==> flow/design.v <==
module ex_compare_mod #(
  parameter W = 16
) (
  input wire core_clk,
  input wire rst_ni,
  input wire [W-1:0] da,
  input wire [W-1:0] db,
  output reg a_lt_b,
  output reg a_eq_b
);
  reg [W-1:0] da_reg;
  reg [W-1:0] db_reg;
  always @(posedge core_clk) begin
    if (!rst_ni) begin
      da_reg <= 0;
      db_reg <= 0;
    end else begin
      da_reg <= da;
      db_reg <= db;
    end
  end
  wire [W:0] r;
  assign r = {1'b0, da_reg} - {1'b0, db_reg};
  always @(posedge core_clk) begin
    if (!rst_ni) begin
      a_lt_b <= 1'b0;
      a_eq_b <= 1'b0;
    end else begin
      a_lt_b <= r[W];
      a_eq_b <= ~|r[W-1:0];
    end
  end
endmodule
; ---- Tool chain data of ex_compare_mod
; Tool output for the design above, in the order of the flow.
; Line numbers count from 1 in the design file above.
; The mark n/a stands for no value.
[design]
design = ex_compare_mod
clk_port = core_clk
cell_library = sky130hd
corner = tt_025C_1v80

; ---- Word level
; Source: Yosys, flattened and elaborated, memories not mapped. Widths are those after wreduce; folded enables and synchronous resets count as part of the registers. Registers that Yosys merges into a memory's read port (data or address) are not register bits. Print and check cells do not count. Equal cells are merged and count once.
[word_totals]
ram_bits = 0
latch_bits = 0
elab_cells = 7
regBits = 34
n_memories = 0
out_inout_bits = 2
romBits = 0
clocked_rd_ports_x_width = 0
in_bits = 34
[classes]
shift = 0
mux = 0
n_logic = 0
reduce_logical = 2
cmp = 0
addsub = 1
n_mul = 0
div_mod_pow = 0
n_eq = 0
[op_table]
columns = operator, n
row1 = subtractor 16 x 16 -> 17 bit, 1
row2 = OR reduction 16 bit, 1
row3 = zero test 1 bit, 1

; ---- Longest topological paths
; Yosys ltp: most cells in a row. Word level: on the elaborated netlist, between registers, memories and ports. Mapped: between sequential cells and ports; inverters and the memories' decode and read muxes count.
[depth]
depth_word = 3
ABC_AREA = 0
mapped_depth = 10
mapped_depth_nobuf = 10

; ---- Synthesis result
; Source: synth_stat.txt of the flow (Yosys; design flattened, memories mapped). It holds for the ABC_AREA given above (unset counts as 0); a run with the other value may have another netlist.
[types]
columns = cell, n, type_area_um2
row1 = sky130_fd_sc_hd__dfxtp_1, 34, 680.653
row2 = sky130_fd_sc_hd__and2_1, 32, 200.192
row3 = sky130_fd_sc_hd__ha_1, 16, 200.192
row4 = sky130_fd_sc_hd__inv_1, 23, 86.333
row5 = sky130_fd_sc_hd__a31oi_1, 9, 56.304
row6 = sky130_fd_sc_hd__xnor2_1, 6, 52.55
row7 = sky130_fd_sc_hd__a21o_1, 4, 30.029
row8 = sky130_fd_sc_hd__a21oi_1, 6, 30.029
row9 = sky130_fd_sc_hd__o21ai_0, 6, 30.029
row10 = sky130_fd_sc_hd__o2111ai_1, 3, 26.275
row11 = sky130_fd_sc_hd__fa_1, 1, 20.019
row12 = sky130_fd_sc_hd__nor2b_1, 3, 18.768
row13 = sky130_fd_sc_hd__a21boi_0, 2, 15.014
row14 = sky130_fd_sc_hd__nand2_1, 4, 15.014
row15 = sky130_fd_sc_hd__nand3b_1, 2, 15.014
row16 = sky130_fd_sc_hd__nor2_1, 4, 15.014
row17 = sky130_fd_sc_hd__o21a_1, 2, 15.014
row18 = sky130_fd_sc_hd__a211oi_2, 1, 12.512
; Not listed: further types 24, cells in them 30.
[synth_totals]
stdcells = 188
yosys_area_mm2 = 0.0017392
ffs = 34
seqArea_mm2 = 0.0006807

; ---- Path before layout
; Source: OpenSTA report_checks on the synthesized netlist (no wires, ideal clock, input and output delay 20% of the period each), path of least setup slack; recovery checks are left aside. Register names are those of the netlist, which keeps one name where synthesis merged equal registers.
[synth_timing]
kind = reg-to-reg
from = reg da_reg[0]
to = reg a_eq_b
required_ns = 3.382
setup_slack_ns = 0.692
stages = 11
launch_ns = 0.000
setup_time_ns = 0.088
tclk_ns = 3.47
t_arrival_ns = 2.690
delay_ns = 2.778
path_buffers = 0
period_less_setup_slack_ns = 2.778
; "delay_ns" = arrival - input delay + setup time.
; "stages" counts driving pins, that of a launching flip-flop among them; a cell with two outputs on the path counts twice.
; "period_less_setup_slack_ns" = period - worst setup slack (recovery checks aside). The figure is calculated, with input and output delays left at 20% of the set period.
; Between the ends stands the longest chain of elaborated cells between them, by number of cells; it is not shown to be the way that was timed. Of several equally long chains one is given.
; A line is the first line of the expression or statement that the cell stems from. Yosys adds cells for indexed reads and writes and turns some case tables into memories.
[synth_via]
cell_sequence = sky130_fd_sc_hd__dfxtp_1 -> sky130_fd_sc_hd__inv_1 -> sky130_fd_sc_hd__ha_1 -> sky130_fd_sc_hd__fa_1 -> sky130_fd_sc_hd__xor2_1 -> sky130_fd_sc_hd__o311ai_1 -> sky130_fd_sc_hd__or4b_1 -> sky130_fd_sc_hd__a211oi_2 -> sky130_fd_sc_hd__o2111ai_1 -> sky130_fd_sc_hd__or4_1 -> sky130_fd_sc_hd__nor4_2
elab_chain_cells = 3
cells_between = 3
lines_between = 2
classes_between = add/sub (1); reduce/logical (2)
[synth_rtl]
columns = element, line_no
row1 = from (decl), 11  ; reg [W-1:0] da_reg;
row2 = from (assign), 15  ; da_reg <= 0;
row3 = from (assign), 18  ; da_reg <= da;
row4 = subtractor 16 x 16 -> 17 bit, 23  ; assign r = {1'b0, da_reg} - {1'b0, db_reg};
row5 = OR reduction 16 bit, 30  ; a_eq_b <= ~|r[W-1:0];
row6 = zero test 1 bit, 30
row7 = to (assign), 27  ; a_eq_b <= 1'b0;
row8 = to (assign), 30
row9 = to (decl), 9  ; output reg a_eq_b

; ---- Timing after layout
; From the final timing report of stored run 1: the path of least setup slack in the routed layout; clock arrival at registers is part of the times.
[layout_timing]
kind = reg-to-reg
from = reg da_reg[0]
to = reg a_eq_b
setup_time_ns = 0.09
tclk_ns = 2.02
path_buffers = 0
required_ns = 2.21
stages = 11
setup_slack_ns = -0.66
t_arrival_ns = 2.87
launch_ns = 0.28
; Between the ends stands the longest chain of elaborated cells between them, by number of cells; it is not shown to be the way that was timed. Of several equally long chains one is given.
[layout_via]
cell_sequence = sky130_fd_sc_hd__dfxtp_2 -> sky130_fd_sc_hd__inv_2 -> sky130_fd_sc_hd__ha_4 -> sky130_fd_sc_hd__fa_2 -> sky130_fd_sc_hd__xor2_1 -> sky130_fd_sc_hd__o311ai_1 -> sky130_fd_sc_hd__or4b_1 -> sky130_fd_sc_hd__a211oi_2 -> sky130_fd_sc_hd__o2111ai_1 -> sky130_fd_sc_hd__or4_1 -> sky130_fd_sc_hd__nor4_2
elab_chain_cells = 3
cells_between = 3
lines_between = 2
classes_between = add/sub (1); reduce/logical (2)
[layout_rtl]
columns = element, line_no
row1 = from (decl), 11  ; reg [W-1:0] da_reg;
row2 = from (assign), 15  ; da_reg <= 0;
row3 = from (assign), 18  ; da_reg <= da;
row4 = subtractor 16 x 16 -> 17 bit, 23  ; assign r = {1'b0, da_reg} - {1'b0, db_reg};
row5 = OR reduction 16 bit, 30  ; a_eq_b <= ~|r[W-1:0];
row6 = zero test 1 bit, 30
row7 = to (assign), 27  ; a_eq_b <= 1'b0;
row8 = to (assign), 30
row9 = to (decl), 9  ; output reg a_eq_b

; Settings and measured results of 3 stored flow runs for module ex_compare_mod (sky130hd), not sorted in any way. The constraints put input and output delay at 20% of the set period each and load the outputs with 0.01 pF.
; "timing.achieved_period_ns" means the clock period less the worst setup slack. The figure is calculated, with input and output delays left at 20% of the set period.
; "critical_path_time_ns": the worst setup path's part of the clock period (all of it between registers, 20% less for each end at a port) less its slack. A launch clock that arrives late makes it longer, a capture clock that arrives late makes it shorter.
; "totalPower_mw" rests on the timing tool's default activity at the inputs, not on a simulated workload.

[stored run 1: settings]
period_ns = 2.02
CORE_UTILIZATION = 25
SETUP_SLACK_MARGIN = -0.18
PLACE_DENSITY = 0.39
CORE_ASPECT_RATIO = 0.72
CELL_PAD_IN_SITES_DETAIL_PLACEMENT = 1
CTS_CLUSTER_SIZE = 61
SLEW_MARGIN = 25
MAX_ROUTING_LAYER = met5
CAP_MARGIN = 20
CORE_MARGIN = 2
[stored run 1: results]
setup_tns_ns = -0.723
synthesis_area_mm2 = 0.0017392
worstSetupSlack_ns = -0.665
critical_path_time_ns = 2.68
path_kind = reg-to-reg
finish.utilization_pct = 38.3
totalPower_mw = 1.666
final_die_area_mm2 = 0.0076486
timing.achieved_period_ns = 2.685
final_hold_ws_ns = 0.656

[stored run 2: settings]
period_ns = 3.47
CAP_MARGIN = 20
CORE_MARGIN = 2
CORE_UTILIZATION = 40
SLEW_MARGIN = 20
[stored run 2: results]
finish.utilization_pct = 54.5
final_hold_ws_ns = 0.668
synthesis_area_mm2 = 0.0017392
final_die_area_mm2 = 0.0048916
totalPower_mw = 0.9269
timing.achieved_period_ns = 2.972
critical_path_time_ns = 2.97
path_kind = reg-to-reg
setup_tns_ns = 0.000
worstSetupSlack_ns = 0.498

[stored run 3: settings]
period_ns = 2.41
CORE_UTILIZATION = 46
SETUP_SLACK_MARGIN = -0.1
PLACE_DENSITY = 0.77
CELL_PAD_IN_SITES_DETAIL_PLACEMENT = 1
CTS_CLUSTER_SIZE = 32
MAX_ROUTING_LAYER = met4
CAP_MARGIN = 20
CORE_MARGIN = 2
SLEW_MARGIN = 20
[stored run 3: results]
final_hold_ws_ns = 0.743
worstSetupSlack_ns = -0.285
finish.utilization_pct = 63.5
final_die_area_mm2 = 0.0042889
critical_path_time_ns = 2.69
path_kind = reg-to-reg
timing.achieved_period_ns = 2.695
totalPower_mw = 1.503
synthesis_area_mm2 = 0.0017392
setup_tns_ns = -0.285
